==> flow/design.v <==
module gen_reg_file_mod #(
    parameter NWORDS = 48,
    parameter DATA_W = 6,
    parameter RPORTS = 1,
    parameter ADDR_WIDTH = $clog2(NWORDS)
) (
    input wire clock,
    input wire rst_n,
    input wire we,
    input wire [ADDR_WIDTH-1:0] wr_addr,
    input wire [DATA_W-1:0] wr_data,
    input wire [RPORTS*ADDR_WIDTH-1:0] rd_addr,
    output reg [RPORTS*DATA_W-1:0] q
);
    reg [DATA_W-1:0] bank [0:NWORDS-1];
    always @(posedge clock) begin
        if (we)
            bank[wr_addr] <= wr_data;
    end
    wire [RPORTS*DATA_W-1:0] tmp;
    genvar gj;
    generate
        for (gj = 0; gj < RPORTS; gj = gj + 1) begin : gen
            assign tmp[gj*DATA_W +: DATA_W] = bank[rd_addr[gj*ADDR_WIDTH +: ADDR_WIDTH]];
        end
    endgenerate
    always @(posedge clock or negedge rst_n) begin
        if (!rst_n) begin
            q <= 0;
        end else begin
            q <= tmp;
        end
    end
endmodule
==> Step by step through the tools: gen_reg_file_mod <==
Tool output for the members of one design family, told apart by "DATA_W", in the order of the flow.
The RTL above is that of DATA_W 6; lines are counted from 1 in the file of the member named.
Operators: Yosys type, input widths -> output width; for muxes data width and select width s.
Library cell names are shortened.
{ "inputs": {"top_module": "gen_reg_file_mod", "clock_port": "clock", "library": "sky130hd", "lib_corner": "tt_025C_1v80"} }

==> Source of the members <==
Lines of each other member's file that are new or changed against the file above; lines that a member lacks are not shown.
{ "changed_lines": {"columns": ["DATA_W", "line", "text"], "rows": [
  [10, 3, "parameter DATA_W = 10,"],
  [12, 3, "parameter DATA_W = 12,"],
  [16, 3, "parameter DATA_W = 16,"],
  [20, 3, "parameter DATA_W = 20,"]
]} }

==> Elaborated design <==
Yosys after proc, flatten, opt, wreduce and memory -nomap, before mapping. Enables and synchronous resets that opt folds into registers are not counted as muxes. Memory bits, and registers merged into a memory's read port (data or address), are not among the register bits. Print and check cells are not counted. Equal cells are merged and count once.
Yosys's memory passes give these memory sizes; they may raise the number of words (mostly to a power of two), join words into wider ones and drop unused or constant bits.
{ "bits": {"columns": ["DATA_W", "mem_bits_rw", "word_cells", "clocked_rd_ports_x_width", "n_memories", "reg_bits"], "rows": [
  [6, 288, 5, 6, 1, 0],
  [10, 480, 5, 10, 1, 0],
  [12, 576, 5, 12, 1, 0],
  [16, 768, 5, 16, 1, 0],
  [20, 960, 5, 20, 1, 0]
]} }
{ "mem_list": {"columns": ["DATA_W", "mem_shapes"], "rows": [
  [6, "bank 48 x 6 bit 1R1W"],
  [10, "bank 48 x 10 bit 1R1W"],
  [12, "bank 48 x 12 bit 1R1W"],
  [16, "bank 48 x 16 bit 1R1W"],
  [20, "bank 48 x 20 bit 1R1W"]
]} }
{ "op_classes": {"columns": ["DATA_W", "n_reduce_logical", "mux"], "rows": [
  [6, 1, 3],
  [10, 1, 3],
  [12, 1, 3],
  [16, 1, 3],
  [20, 1, 3]
]} }
{ "op_table": {"columns": ["DATA_W", "op_list"], "rows": [
  [6, "$mux 6 (2); $logic_not 1->1 (1); $mux 1 (1)"],
  [10, "$mux 10 (1); $mux 6 (1); $logic_not 1->1 (1); $mux 1 (1)"],
  [12, "$mux 12 (1); $mux 6 (1); $logic_not 1->1 (1); $mux 1 (1)"],
  [16, "$mux 16 (1); $mux 6 (1); $logic_not 1->1 (1); $mux 1 (1)"],
  [20, "$mux 20 (1); $mux 6 (1); $logic_not 1->1 (1); $mux 1 (1)"]
]} }

==> Logic depth <==
Longest topological path by Yosys (ltp), each cell counted once; first at word level (registers and memories cut), then after technology mapping (sequential cells cut; the memories' decode and read muxes count).
{ "depth": {"columns": ["DATA_W", "ltp_word", "ABC_AREA", "ltp_mapped"], "rows": [
  [6, 1, 0, 8],
  [10, 1, 0, 8],
  [12, 1, 0, 9],
  [16, 1, 0, 9],
  [20, 1, 0, 9]
]} }

==> Netlist <==
The flow's flattened synthesis, as Yosys stat reports it; memories are mapped. The netlist is that of the ABC_AREA named above (0 if unset); the other value can give another one.
{ "synth_totals": {"columns": ["DATA_W", "flip_flops", "sequential_area_um2", "buffers", "stdcells", "yosys_area_um2"], "rows": [
  [6, 294, 8798.4, 34, 612, 11766.3],
  [10, 490, 14664.1, 54, 964, 19084.6],
  [12, 588, 17596.9, 66, 1142, 22930.7],
  [16, 784, 23462.5, 88, 1496, 30357.9],
  [20, 980, 29328.1, 110, 1850, 37813.8]
]} }
{ "by_type": {"columns": ["DATA_W", "type_list"], "rows": [
  [6, "edfxtp_1 (288); mux2i_1 (96); mux4_2 (26); nor2_1 (49); a22oi_1 (24); a221oi_2 (10); dfrtp_1 (6); a22o_1 (12); mux4_1 (4); o41ai_2 (6); buf_12 (4); buf_6 (6); a21oi_1 (12); nand2_1 (13); buf_4 (6); buf_2 (8); o22ai_1 (6); nand2b_1 (5); (+31)"],
  [10, "edfxtp_1 (480); mux2i_1 (160); mux4_2 (50); a22oi_1 (40); dfrtp_1 (10); nor2_1 (49); a221oi_1 (20); a22o_1 (20); o41ai_2 (10); buf_6 (11); a21oi_1 (20); clkbuf_1 (23); nand2_1 (17); o22ai_1 (10); buf_2 (8); nand2b_1 (5); nor2b_1 (5); buf_1 (8); (+18)"],
  [12, "edfxtp_1 (576); mux2i_1 (192); mux4_2 (60); a22oi_1 (48); dfrtp_1 (12); a22o_1 (24); o41ai_2 (12); nor2_1 (49); a221oi_1 (18); a21oi_1 (24); buf_4 (16); clkbuf_1 (28); a221oi_2 (6); buf_12 (4); o22ai_1 (12); nand2_1 (19); buf_6 (4); buf_8 (3); (+35)"],
  [16, "edfxtp_1 (768); mux2i_1 (256); mux4_2 (80); a22oi_1 (64); dfrtp_1 (16); a221oi_1 (32); a22o_1 (32); o41ai_2 (16); buf_6 (19); nor2_1 (48); a21oi_1 (32); buf_4 (15); o22ai_1 (16); clkbuf_1 (25); nand2_1 (23); buf_2 (13); buf_1 (16); nand2b_1 (5); (+20)"],
  [20, "edfxtp_1 (960); mux2i_1 (320); mux4_2 (100); a22oi_1 (80); dfrtp_1 (20); a221oi_1 (40); a22o_1 (40); o41ai_2 (19); buf_6 (21); a21oi_1 (40); clkbuf_1 (50); nor2_1 (48); o22ai_1 (20); buf_4 (16); nand2_1 (27); buf_2 (13); buf_1 (10); nand2b_1 (5); (+21)"]
]} }
A list marked (+n) leaves out that many cells.

==> Timing after synthesis <==
Path of least setup slack by OpenSTA after synthesis, without wires, with an ideal clock, recovery checks aside; 20% of the period is set as input and as output delay. Where synthesis merged equal registers, the netlist keeps one of their names.
{ "synth_timing": {"columns": ["DATA_W", "kind", "from", "to", "slack_ns", "tclk_ns", "path_delay_ns", "driving_pins", "period_less_setup_slack_ns"], "rows": [
  [6, "input port to flip-flop", "input port rd_addr[1]", "register q[1]", 0.391, 2.46, 1.576, 6, 2.069],
  [10, "input port to flip-flop", "input port wr_addr[3]", "memory bank[32][0]", 0.402, 2.51, 1.607, 3, 2.108],
  [12, "input port to flip-flop", "input port wr_addr[3]", "memory bank[32][0]", 0.437, 2.73, 1.747, 3, 2.293],
  [16, "input port to flip-flop", "input port wr_addr[3]", "memory bank[32][0]", 0.508, 3.17, 2.028, 3, 2.662],
  [20, "input port to flip-flop", "input port wr_addr[3]", "memory bank[32][0]", 0.579, 3.61, 2.309, 3, 3.031]
]} }
"path_delay_ns" = arrival - input delay + setup time.
"driving_pins" counts driving pins, that of a launching flip-flop among them; a cell with two outputs on the path counts twice.
"period_less_setup_slack_ns" is the clock period less the worst setup slack; recovery checks do not enter. This is arithmetic on one report: input and output delays are still those of the set period (20% each).
The rows between start and end are the longest chain of elaborated cells between them; the timing report does not say that the signal goes this way. Where chains are equally long, one stands for them.
Each line given opens the expression or statement behind the cell; cells for indexed reads and writes are added by Yosys, which also makes memories of some case tables.
{ "synth_rtl_DATA_W_6": {"columns": ["item", "line", "text"], "rows": [
  ["start, declared", 12, "input wire [RPORTS*ADDR_WIDTH-1:0] rd_addr,"],
  ["end, declared", 13, "output reg [RPORTS*DATA_W-1:0] q"]
]} }
DATA_W 6: No chain of elaborated cells between the ends is given.
{ "synth_via_DATA_W_20": {"elab_chain_cells": 1} }
{ "synth_rtl_DATA_W_20": {"columns": ["item", "line", "text"], "rows": [
  ["start, declared", 10, "input wire [ADDR_WIDTH-1:0] wr_addr,"],
  ["$mux 6", 17, "if (we)"],
  ["end, declared", 15, "reg [DATA_W-1:0] bank [0:NWORDS-1];"]
]} }

==> Worst path after layout <==
From the final timing report of the run of each member: the path of least setup slack in the routed layout; clock arrival at registers is part of the times.
{ "layout_timing": {"columns": ["DATA_W", "kind", "from", "to", "driving_pins", "slack_ns", "t_arrival_ns", "tclk_ns"], "rows": [
  [6, "input port to flip-flop", "input port rd_addr[1]", "register q[0]", 6, 0.31, 2.56, 2.46],
  [10, "flip-flop to output port", "register q[5]", "output port q[5]", 2, 0.42, 1.58, 2.51],
  [12, "flip-flop to output port", "register q[5]", "output port q[5]", 2, 0.59, 1.60, 2.73],
  [16, "input port to flip-flop", "input port rd_addr[2]", "register q[6]", 8, 0.71, 2.96, 3.17],
  [20, "input port to flip-flop", "input port rd_addr[0]", "register q[16]", 9, 0.80, 3.33, 3.61]
]} }

==> Layout results <==
One run of the flow (Yosys, OpenROAD) for each member, with settings and measured results. Input and output delays are each 20% of the period that was set; the output load is 0.01 pF.
{ "settings": {"CAP_MARGIN": 20, "CORE_MARGIN": 2, "CORE_UTILIZATION": 40, "SLEW_MARGIN": 20} }
{ "settings_by_member": {"columns": ["DATA_W", "period_ns"], "rows": [
  [6, 2.46],
  [10, 2.51],
  [12, 2.73],
  [16, 3.17],
  [20, 3.61]
]} }
{ "measured": {"columns": ["DATA_W", "post_synth_area_um2", "final_die_area_um2", "util_pct", "final_setup_ws_ns", "period_reached_ns"], "rows": [
  [6, 11766.3, 30803.8, 48.3, 0.312, 2.148],
  [10, 19084.6, 49475.1, 47.4, 0.424, 2.086],
  [12, 22930.7, 59258.2, 47.6, 0.587, 2.143],
  [16, 30357.9, 78114.7, 46.4, 0.711, 2.459],
  [20, 37813.8, 97010.4, 46.6, 0.804, 2.806]
]} }
"period_reached_ns" is the run's clock period less its worst setup slack. It is reckoned from that one timing run; input and output delays stay at 20% of the period that was set.
